==> flow/design.v <==
module core_mplex_mod (CLK, rst_i, valid, ch0_in, ch1_in, ch2_in, ch3_in, ch4_in, ch5_in, ch6_in, ch7_in, ch8_in, ch9_in, ch10_in, ch11_in, select_in, out_out);
  parameter integer XLEN = 16;
  input CLK;
  input rst_i;
  input valid;
  input [XLEN-1:0] ch0_in;
  input [XLEN-1:0] ch1_in;
  input [XLEN-1:0] ch2_in;
  input [XLEN-1:0] ch3_in;
  input [XLEN-1:0] ch4_in;
  input [XLEN-1:0] ch5_in;
  input [XLEN-1:0] ch6_in;
  input [XLEN-1:0] ch7_in;
  input [XLEN-1:0] ch8_in;
  input [XLEN-1:0] ch9_in;
  input [XLEN-1:0] ch10_in;
  input [XLEN-1:0] ch11_in;
  input [3:0] select_in;
  output [XLEN-1:0] out_out;
  reg [XLEN-1:0] ch0_q;
  reg [XLEN-1:0] ch1_q;
  reg [XLEN-1:0] ch2_q;
  reg [XLEN-1:0] ch3_q;
  reg [XLEN-1:0] ch4_q;
  reg [XLEN-1:0] ch5_q;
  reg [XLEN-1:0] ch6_q;
  reg [XLEN-1:0] ch7_q;
  reg [XLEN-1:0] ch8_q;
  reg [XLEN-1:0] ch9_q;
  reg [XLEN-1:0] ch10_q;
  reg [XLEN-1:0] ch11_q;
  reg [3:0] select_q;
  reg [XLEN-1:0] t;
  always @* begin
    case (select_q)
      0: t = ch0_q;
      1: t = ch1_q;
      2: t = ch2_q;
      3: t = ch3_q;
      4: t = ch4_q;
      5: t = ch5_q;
      6: t = ch6_q;
      7: t = ch7_q;
      8: t = ch8_q;
      9: t = ch9_q;
      10: t = ch10_q;
      default: t = ch11_q;
    endcase
  end
  assign out_out = t;
  always @(posedge CLK) begin
    if (rst_i) begin
      ch0_q <= 0;
      ch1_q <= 0;
      ch2_q <= 0;
      ch3_q <= 0;
      ch4_q <= 0;
      ch5_q <= 0;
      ch6_q <= 0;
      ch7_q <= 0;
      ch8_q <= 0;
      ch9_q <= 0;
      ch10_q <= 0;
      ch11_q <= 0;
      select_q <= 0;
    end else if (valid) begin
      ch0_q <= ch0_in;
      ch1_q <= ch1_in;
      ch2_q <= ch2_in;
      ch3_q <= ch3_in;
      ch4_q <= ch4_in;
      ch5_q <= ch5_in;
      ch6_q <= ch6_in;
      ch7_q <= ch7_in;
      ch8_q <= ch8_in;
      ch9_q <= ch9_in;
      ch10_q <= ch10_in;
      ch11_q <= ch11_in;
      select_q <= select_in;
    end
  end
endmodule
# Reports on core_mplex_mod
# The steps from the RTL of core_mplex_mod to its reports follow in flow order.
# Line numbers count from 1 in the design file above.
# Operators carry their Yosys type and port widths (W data, S select, Z words).
# Library cell names are shortened.
# Not given: n/a
# design
design	core_mplex_mod
clock_port	CLK
library	sky130hd
lib_corner	tt_025C_1v80

# After elaboration
# Yosys after proc, flatten, opt, wreduce and memory -nomap, before mapping. Enables and synchronous resets that opt folds into registers are not counted as muxes. Memory bits, and registers merged into a memory's read port (data or address), are not among the register bits. Print and check cells are not counted. Equal cells are merged and count once.
# word_totals
regBits	196
output_inout_bits	16
word_cells	25
# classes
eq_ne	10
n_mux	1
reduce_and_logical	1
# op_table
cell	count
$pmux W16 S11	1
$eq A4 B3 Y1 const B	4
$eq A4 B4 Y1 const B	3
$eq A4 B2 Y1 const B	2
$eq A4 B1 Y1 const B	1
$logic_not A4 Y1	1

# Longest topological paths
# Yosys ltp: most cells in a row. Word level: on the elaborated netlist, between registers, memories and ports. Mapped: between sequential cells and ports; inverters and the memories' decode and read muxes count.
# logic_depth
depth_word	2
ABC_AREA	0
depth_mapped	8
ltp_nobuf	4

# Synthesis result
# Source: synth_stat.txt of the flow (Yosys; design flattened, memories mapped). It holds for the ABC_AREA given above (unset counts as 0); a run with the other value may have another netlist.
# Totals and module areas in this step are rounded.
# mapped
cell_count	897
mapped_area_um2	8740
seq_area_um2	3920
ff_cells	196
n_buf	74
# types
cell_type	count
dfxtp_1	196
mux2i_1	210
nor2_1	209
a22oi_1	26
buf_2	30
mux2_2	10
o22ai_1	17
clkbuf_1	27
o32a_1	8
buf_6	6
a21oi_1	13
nor2b_1	10
buf_4	8
o21ai_0	12
nand2_1	15
a32oi_1	5
nand2b_1	6
a221oi_1	4
# Other cell types: 47; their cells: 85.

# Worst setup path after synthesis
# Source: OpenSTA report_checks on the synthesized netlist (no wires, ideal clock, input and output delay 20% of the period each), path of least setup slack; recovery checks are left aside. Register names are those of the netlist, which keeps one name where synthesis merged equal registers.
# synth_path
kind	flip-flop to output port
startpoint	reg select_q[0]
endpoint	out out_out[5]
period_ps	2210
output_delay_ps	442
t_first_pin_ps	0
arrival_ps	1416
setup_slack_ps	352
delay_ps	1416
driving_pins	7
synth_period_reached_ps	1858
# "delay_ps" = arrival - input delay + setup time.
# A path that ends at an output port has no setup time.
# "driving_pins" counts driving pins, that of a launching flip-flop among them; a cell with two outputs on the path counts twice.
# "synth_period_reached_ps" is the clock period less the worst setup slack; recovery checks do not enter. This is arithmetic on one report: input and output delays are still those of the set period (20% each).
# The rows between start and end are the longest chain of elaborated cells between them; the timing report does not say that the signal goes this way. Where chains are equally long, one stands for them.
# Each line given opens the expression or statement behind the cell; cells for indexed reads and writes are added by Yosys, which also makes memories of some case tables.
# synth_via
cell_sequence	dfxtp_1 > buf_6 > buf_12 > mux2_4 > a22oi_2 > o21ai_1 > o32a_1
elab_chain_len	2
# synth_rtl
item	line_no	source
from (decl)	32	reg [3:0] select_q;
from (assign)	65	select_q <= 0;
from (assign)	79	select_q <= select_in;
$eq A4 B4 Y1	35	case (select_q)
$pmux W16 S11	35
to (decl)	19	output [XLEN-1:0] out_out;

# Path in the finished layout
# Path of least setup slack in the final report of run A (OpenROAD, finished layout, wires in). Where an end is a register, its clock arrival counts in the times.
# The path's times are printed in steps of 10 ps; the period is the one set.
# layout_path
kind	flip-flop to output port
startpoint	reg select_q[0]
endpoint	out out_out[15]
period_ps	1300
output_delay_ps	260
t_first_pin_ps	450
arrival_ps	2260
setup_slack_ps	-1220
driving_pins	9
# The rows between start and end are the longest chain of elaborated cells between them; the timing report does not say that the signal goes this way. Where chains are equally long, one stands for them.
# layout_via
cell_sequence	dfxtp_4 > buf_12 > buf_16 > clkinvlp_4 > buf_4 > a221oi_4 > a2111oi_4 > o32a_1 > buf_2
elab_chain_len	2
# layout_rtl
item	line_no	source
from (decl)	32	reg [3:0] select_q;
from (assign)	65	select_q <= 0;
from (assign)	79	select_q <= select_in;
$eq A4 B4 Y1	35	case (select_q)
$pmux W16 S11	35
to (decl)	19	output [XLEN-1:0] out_out;

# Flow measurements of core_mplex_mod on sky130hd: 3 stored runs with different settings, listed in no order. Input and output delays are each 20% of the period that was set; the output load is 0.01 pF.
# "period_less_ws_ps": clock period set for the run, less the worst setup slack. It is reckoned from that one timing run; input and output delays stay at 20% of the period that was set.
# "worst_path_ps" = time allowed to the worst setup path (clock period - input delay - output delay, where it has them) - its slack; a late launch clock adds to it, a late capture clock takes from it.
# "totalPower_w": no workload was simulated; the value follows from the tool's default switching activity.
# "worst_path_ps" is known to 10 ps.
# The measured numbers are rounded.
# Settings: n/a = not set for that run.
name,run A,run B,run C
period_ns,1.3,2.21,1.63
CORE_UTILIZATION,35,40,49
SETUP_SLACK_MARGIN,0.17,n/a,-0.13
PLACE_DENSITY,0.46,n/a,n/a
CORE_ASPECT_RATIO,0.65,n/a,n/a
TNS_END_PERCENT,10,n/a,50
GPL_TIMING_DRIVEN,0,n/a,0
GPL_ROUTABILITY_DRIVEN,1,n/a,n/a
CTS_CLUSTER_DIAMETER,147,n/a,n/a
MAX_ROUTING_LAYER,met5,n/a,n/a
CAP_MARGIN,20,20,20
CORE_MARGIN,2,2,2
SLEW_MARGIN,20,20,25
CELL_PAD_IN_SITES_GLOBAL_PLACEMENT,n/a,n/a,0
layout_stdcell_area_um2,13200,12900,12700
tns_ps,-18300,-5160,-14000
die_um2,26300,23100,18900
worst_path_ps,2260,2150,2250
worstPathKind,flip-flop to output port,flip-flop to output port,flip-flop to output port
final_hold_ws_ps,415,424,478
yosys.chip_area_um2,8740,8740,8740
finalUtil_frac,0.54,0.597,0.731
totalPower_w,0.0152,0.00871,0.0119
ws_setup_ps,-1220,-385,-944
period_less_ws_ps,2516,2595,2574
